==> flow/design.v <==
module addsub #(
   parameter W = 56
) (
   input  wire aclk,
   input  wire i_rst_n,
   input  wire [W-1:0] A,
   input  wire op,
   input  wire start,
   output wire [W-1:0] dout
);
   reg [W-1:0] A_reg;
   reg op_reg;
   reg start_reg;
   reg [W-1:0] cnt;
   always @(posedge aclk or negedge i_rst_n) begin
      if (~i_rst_n) begin
         A_reg <= 0;
         op_reg <= 1'b0;
         start_reg <= 1'b0;
         cnt <= 0;
      end else begin
         A_reg <= A;
         op_reg <= op;
         start_reg <= start;
         cnt <= start_reg ? A_reg : op_reg ? cnt - A_reg : cnt + A_reg;
      end
   end
   assign dout = cnt;
endmodule
Reports on addsub
What the tools print for addsub, step after step.
Lines are those of the file above, counted from 1.
Operators carry their Yosys type and port widths (W data, S select, Z words).
Library cell names are shortened.
{ "inputs": {"top": "addsub", "clock_port": "aclk", "library": "sky130hd", "pvt_corner": "tt_025C_1v80"} }

Word-level counts
Yosys after proc, flatten, opt, wreduce and memory -nomap, before mapping. Enables and synchronous resets that opt folds into registers are not counted as muxes. Memory bits, and registers merged into a memory's read port (data or address), are not among the register bits. Print and check cells are not counted. Equal cells are merged and count once.
{ "op_classes": {"addsub": 2, "mux": 2} }
{ "op_table": {"columns": ["op", "count"], "rows": [
  ["$mux W56", 2],
  ["$add A56 B56 Y56", 1],
  ["$sub A56 B56 Y56", 1]
]} }
{ "bits": {"register_bits": 114, "inputBits": 60, "output_inout_bits": 56, "elab_cells": 8} }

Longest topological paths
Depth = most cells in a row (Yosys ltp): at word level without a register or memory, in the mapped netlist without a sequential cell, where the memories' decode and read muxes count.
{ "depth": {"ltp_word": 3, "abc_area": 1, "mapped_depth": 26, "ltp_nobuf": 26} }

Mapped cells and area
The flow's flattened synthesis, as Yosys stat reports it; memories are mapped. The netlist is that of the ABC_AREA named above (0 if unset); the other value can give another one.
Totals and module areas in this step are rounded.
{ "synth_totals": {"stdcells": 1674, "mapped_area_um2": 10200, "seq_area_um2": 2850, "flip_flops": 114, "buffers": 19} }
{ "by_type": {"columns": ["cell", "count", "area_total_um2"], "rows": [
  ["dfrtp_1", 114, 2.85E+03],
  ["nand2_1", 612, 2.3E+03],
  ["inv_1", 280, 1.05E+03],
  ["nor2_1", 192, 720.691],
  ["ha_1", 56, 700.672],
  ["nand3_1", 100, 500.48],
  ["xor2_1", 48, 420.403],
  ["a21oi_1", 56, 280.269],
  ["o21ai_0", 51, 255.245],
  ["nand4_1", 21, 131.376],
  ["nor2_4", 8, 90.086],
  ["nor3_1", 18, 90.086],
  ["xnor2_1", 10, 87.584],
  ["or2_2", 11, 68.816],
  ["o21bai_1", 9, 67.565],
  ["nand3b_1", 8, 60.058],
  ["clkbuf_1", 13, 48.797],
  ["nand2_2", 7, 43.792]
]} }
Other cell types: 20; their cells: 60.

Path before layout
OpenSTA on the mapped netlist: ideal clock, no wires. The path of least setup slack (recovery checks aside). Input and output delay are each 20% of the period. Register names are those of the netlist, which keeps one name where synthesis merged equal registers.
{ "synth_timing": {"path_type": "register -> register", "startpoint": "register A_reg[0]", "endpoint": "register cnt[30]", "period_ps": 5660, "setup_ps": 130, "t_first_pin_ps": 0, "arrival_ps": 2882, "required_ps": 5530, "path_slack_ps": 2648, "delay_ps": 3012, "stages": 20, "n_path_buf": 0, "synth_period_reached_ps": 3012} }
"delay_ps" is the arrival time less input delay plus setup time.
"stages": output pins that drive a net of the path, with the launching flip-flop's if there is one; two outputs of one cell count as two.
"synth_period_reached_ps" = period - worst setup slack (recovery checks aside). The figure is calculated, with input and output delays left at 20% of the set period.
Between the ends stands the longest chain of elaborated cells between them, by number of cells; it is not shown to be the way that was timed. Of several equally long chains one is given.
A line is the first line of the expression or statement that the cell stems from. Yosys adds cells for indexed reads and writes and turns some case tables into memories.
{ "synth_between": {"cell_sequence": "dfrtp_1 > inv_1 > ha_1 > nand3_2 > nor2_4 > nand2_2 > nor2_2 > inv_2 > o21ai_0 > nand2_1 > xor2_1 > ha_1 > nand2_1 > nor2_1 > nand2_1 > nor2_1 > a21boi_0 > o21ai_0 > nand3_1 > o21ai_0", "elab_chain_len": 3, "cone_cells": 4, "cone_lines": 1, "classes_between": "2 x add/sub; 2 x mux"} }
{ "synth_lines": {"columns": ["item", "line", "source"], "rows": [
  ["start: declaration", 11, "reg [W-1:0] A_reg;"],
  ["start: assignment", 17, "A_reg <= 0;"],
  ["start: assignment", 22, "A_reg <= A;"],
  ["$add A56 B56 Y56", 25, "cnt <= start_reg ? A_reg : op_reg ? cnt - A_reg : cnt + A_reg;"],
  ["$mux W56 x2", 25, null],
  ["end: assignment", 20, "cnt <= 0;"],
  ["end: assignment", 25, null],
  ["end: declaration", 14, "reg [W-1:0] cnt;"]
]} }

Timing after layout
Path of least setup slack in the final report of run A (OpenROAD, finished layout, wires in). Where an end is a register, its clock arrival counts in the times.
The report prints the path's times to 10 ps; the period is as set.
{ "layout_timing": {"path_type": "register -> register", "startpoint": "register A_reg[20]", "endpoint": "register cnt[54]", "period_ps": 3520, "setup_ps": 110, "t_first_pin_ps": 420, "arrival_ps": 3820, "required_ps": 3830, "path_slack_ps": 10, "stages": 21, "n_path_buf": 0} }
Between the ends stands the longest chain of elaborated cells between them, by number of cells; it is not shown to be the way that was timed. Of several equally long chains one is given.
{ "layout_between": {"cell_sequence": "dfrtp_1 > inv_2 > nand3_2 > nor2_1 > nand2_1 > nor3_2 > xor2_1 > nand2_1 > o21ai_0 > ha_1 > nand2_1 > inv_1 > nand2_1 > nor3_2 > nand2_1 > nor3_1 > nand2_1 > nand2_1 > nand2_1 > nand3_1 > nand2_1", "elab_chain_len": 3, "cone_cells": 4, "cone_lines": 1, "classes_between": "2 x add/sub; 2 x mux"} }
{ "layout_lines": {"columns": ["item", "line", "source"], "rows": [
  ["start: declaration", 11, "reg [W-1:0] A_reg;"],
  ["start: assignment", 17, "A_reg <= 0;"],
  ["start: assignment", 22, "A_reg <= A;"],
  ["$add A56 B56 Y56", 25, "cnt <= start_reg ? A_reg : op_reg ? cnt - A_reg : cnt + A_reg;"],
  ["$mux W56 x2", 25, null],
  ["end: assignment", 20, "cnt <= 0;"],
  ["end: assignment", 25, null],
  ["end: declaration", 14, "reg [W-1:0] cnt;"]
]} }

Data sheet: physical implementation of addsub

Design addsub on sky130hd. What follows are 2 stored runs of the flow, each under its own settings; their order means nothing. The constraints put input and output delay at 20% of the set period each and load the outputs with 0.01 pF.
"achievedPeriod_ps" = clock period - worst setup slack. The figure is calculated, with input and output delays left at 20% of the set period.
"timing.worst_path_ps" is the time allowed to the run's worst setup path (the clock period less input and output delay, where it has them) less its slack. Clock arrival times count: a late capture clock shortens it, a late launch clock lengthens it.
"total_power_w" is the tool's figure for a default switching activity; nothing was simulated.
"timing.worst_path_ps" is known to 10 ps.
The results are shown rounded.
[
  {
    "run": "run A",
    "settings": { "period_ns": 3.52, "CORE_UTILIZATION": 50, "PLACE_DENSITY": 0.79, "CORE_ASPECT_RATIO": 0.77, "CELL_PAD_IN_SITES_DETAIL_PLACEMENT": 0, "ABC_AREA": 1, "GPL_TIMING_DRIVEN": 1, "GPL_ROUTABILITY_DRIVEN": 0, "CAP_MARGIN": 15, "SLEW_MARGIN": 30, "CORE_MARGIN": 2 },
    "results": { "yosys_chip_area_um2": 10200, "final_cell_area_um2": 13000, "die_area_um2": 21500, "achievedPeriod_ps": 3512, "final_setup_ws_ps": 8, "total_power_w": 0.00868, "utilization_frac": 0.656, "setupTns_ps": 0, "timing.worst_path_ps": 3510, "critical_path_type": "register -> register" }
  },
  {
    "run": "run B",
    "settings": { "period_ns": 5.66, "CAP_MARGIN": 20, "CORE_MARGIN": 2, "CORE_UTILIZATION": 40, "SLEW_MARGIN": 20 },
    "results": { "yosys_chip_area_um2": 8030, "final_cell_area_um2": 9970, "die_area_um2": 21200, "achievedPeriod_ps": 5209, "final_setup_ws_ps": 451, "total_power_w": 0.00539, "utilization_frac": 0.509, "setupTns_ps": 0, "timing.worst_path_ps": 5210, "critical_path_type": "register -> register" }
  }
]
